==> flow/design.v <==
module ex_scratch_p #(
  parameter NREGS = 12,
  parameter DWIDTH = 40,
  parameter ADDR_W = $clog2(NREGS),
  parameter GROUPS = DWIDTH / 8
) (
  input wire CLK,
  input wire [GROUPS-1:0] in_wstrb,
  input wire [ADDR_W-1:0] in_wa,
  input wire [DWIDTH-1:0] in_write_data,
  input wire [ADDR_W-1:0] in_raddr,
  output wire [DWIDTH-1:0] out_rd
);
  reg [GROUPS-1:0] r_wstrb;
  always @(posedge CLK)
    r_wstrb <= in_wstrb;
  reg [ADDR_W-1:0] r_wa;
  always @(posedge CLK)
    r_wa <= in_wa;
  reg [DWIDTH-1:0] r_write_data;
  always @(posedge CLK)
    r_write_data <= in_write_data;
  reg [DWIDTH-1:0] regs [NREGS-1:0];
  integer t;
  always @(posedge CLK) begin
    for (t = 0; t < GROUPS; t = t + 1)
      if (r_wstrb[t]) regs[r_wa][8*t +: 8] <= r_write_data[8*t +: 8];
  end
  reg [ADDR_W-1:0] r_raddr;
  always @(posedge CLK)
    r_raddr <= in_raddr;
  reg [DWIDTH-1:0] r_rd;
  always @(posedge CLK)
    r_rd <= regs[r_raddr];
  assign out_rd = r_rd;
endmodule
# == From RTL to reports: ex_scratch_p ==
# What the tools print for ex_scratch_p, step after step.
# Line numbers count from 1 in the design file above.
# Operators: Yosys type, input widths -> output width; for muxes data width and select width s.
# Cell names lack the library's common part.
# A cell with -- has no value.
# inputs
design,ex_scratch_p
clock_port,CLK
cell_library,sky130hd
corner,tt_025C_1v80

# == After elaboration ==
# Counts by Yosys on the flattened word-level netlist (proc, flatten, opt, wreduce; memories kept). Register bits leave out memories and registers merged into their read ports (data or address); mux counts leave out enables and synchronous resets folded into registers. Print and check cells are left out. Cells with the same type and inputs are merged into one.
# Yosys's memory passes give these memory sizes; they may raise the number of words (mostly to a power of two), join words into wider ones and drop unused or constant bits.
# word_totals
inputBits,54
register_bits,53
clocked_rd_ports_x_width,40
n_memories,1
ramBits,480
output_inout_bits,40
wordCells,15
# mem_list
name,words,word_bits,rd,wr,line_no,source
regs,12,40,1,1,23,reg [DWIDTH-1:0] regs [NREGS-1:0];
# op_classes
muxes,10
# ops
op,count
$mux 40,5
$mux 1,5

# == Depth ==
# Longest topological path by Yosys (ltp), each cell counted once; first at word level (registers and memories cut), then after technology mapping (sequential cells cut; the memories' decode and read muxes count).
# logic_depth
word_depth,1
abc_area,1
ltp_mapped,10
depth_no_buf,7

# == Netlist ==
# Source: synth_stat.txt of the flow (Yosys; design flattened, memories mapped). It holds for the ABC_AREA given above (unset counts as 0); a run with the other value may have another netlist.
# by_type
cell,count,type_area_um2
edfxtp_1,480,1.44E+04
dfxtp_1,93,1.86E+03
nand2_1,493,1.85E+03
nand3_1,240,1.2E+03
inv_1,272,1.02E+03
nor2_1,148,555.533
o21ai_0,72,360.346
buf_6,23,258.998
o21ai_1,48,240.23
buf_2,25,125.12
clkbuf_1,26,97.594
a21oi_1,19,95.091
buf_4,12,90.086
buf_1,11,41.29
clkbuf_8,3,41.29
buf_8,2,30.029
inv_6,1,8.758
# synth_totals
buffers,102
mapped_area_um2,22292.6
cell_count,1968
sequential_area_um2,16275.6
ffs,573

# == Path before layout ==
# Path of least setup slack by OpenSTA after synthesis, without wires, with an ideal clock, recovery checks aside; 20% of the period is set as input and as output delay. Where synthesis merged equal registers, the netlist keeps one of their names.
# synth_path
path_kind,register -> register
start,register r_wa[2]
end,memory regs[4][0]
arrival_time_ps,1049
slack_ps,561
setup_ps,370
launch_ps,0
period_ps,1980
required_ps,1610
driving_pins,5
delay_ps,1419
path_buffers,0
synth_period_reached_ps,1419
# "delay_ps" = arrival - input delay + setup time.
# "driving_pins": output pins that drive a net of the path, with the launching flip-flop's if there is one; two outputs of one cell count as two.
# "synth_period_reached_ps" = period - worst setup slack (recovery checks aside). The figure is calculated, with input and output delays left at 20% of the set period.
# synth_between
path_cell_list,dfxtp_1 -> inv_1 -> nor2_1 -> nand2_1 -> nor2_1
# synth_rtl
element,line_no,source
"start, declared",17,reg [ADDR_W-1:0] r_wa;
"start, assigned",19,r_wa <= in_wa;
"end, declared",23,reg [DWIDTH-1:0] regs [NREGS-1:0];
# Chain of elaborated cells between the ends: none given.

# == Worst path after layout ==
# Path of least setup slack in the final report of run 1 (OpenROAD, finished layout, wires in). Where an end is a register, its clock arrival counts in the times.
# The path's times are printed in steps of 10 ps; the period is the one set.
# layout_path
path_kind,register -> register
start,register r_raddr[0]
end,register r_rd[0]
arrival_time_ps,1980
setup_ps,120
path_buffers,3
driving_pins,10
slack_ps,-230
period_ps,1260
required_ps,1750
launch_ps,610
# layout_between
path_cell_list,dfxtp_4 -> buf_12 -> inv_12 -> buf_12 -> clkbuf_16 -> nand2_1 -> nand3_1 -> nand3_2 -> nand3_2 -> nand2_2
# layout_rtl
element,line_no,source
"start, declared",29,reg [ADDR_W-1:0] r_raddr;
"start, assigned",31,r_raddr <= in_raddr;
"end, declared",32,reg [DWIDTH-1:0] r_rd;
# Chain of elaborated cells between the ends: none given.

# Design ex_scratch_p on sky130hd. What follows are 3 stored runs of the flow, each under its own settings; their order means nothing. The constraints put input and output delay at 20% of the set period each and load the outputs with 0.01 pF.
# "period_reached_ps" means the clock period less the worst setup slack. The figure is calculated, with input and output delays left at 20% of the set period.
# By "worst_setup_path_time_ps" is meant the share of the clock period that the worst setup path is allowed (20% is reserved at inputs, 20% at outputs), minus its slack. Clock arrival times at its registers enter into it.
# "power_uw": no workload was simulated; the value follows from the tool's default switching activity.
# "worst_setup_path_time_ps" is known to 10 ps.
# Among the settings, . means not set for that run.
run,period_ns,CORE_UTILIZATION,PLACE_DENSITY_LB_ADDON,HOLD_SLACK_MARGIN,CORE_ASPECT_RATIO,CORE_MARGIN,CELL_PAD_IN_SITES_GLOBAL_PLACEMENT,CELL_PAD_IN_SITES_DETAIL_PLACEMENT,ABC_AREA,GPL_TIMING_DRIVEN,GPL_ROUTABILITY_DRIVEN,MAX_ROUTING_LAYER,CAP_MARGIN,SLEW_MARGIN,PLACE_DENSITY,CTS_CLUSTER_SIZE,CTS_CLUSTER_DIAMETER,MIN_ROUTING_LAYER,finalCellArea_um2,power_uw,worst_setup_path_time_ps,path_kind,synth_area_um2,worstSetupSlack_ps,period_reached_ps,final_setup_tns_ps,design_die_area_um2
run 1,1.26,47,0.17,0.07,1.06,8,2,0,1,0,1,met5,20,20,.,.,.,.,29598.4,42790,1490,register -> register,22292.6,-234,1494,-64789,54659.6
run 2,1.98,40,.,.,.,2,.,.,.,.,.,.,20,20,.,.,.,.,24955.2,25560,1550,register -> output,20507.2,37,1943,0,53095.7
run 3,2.02,44,.,.,.,4,1,1,.,.,1,.,20,20,0.4,13,254,met1,24434.7,23590,1530,register -> output,20507.2,87,1933,0,50124.5
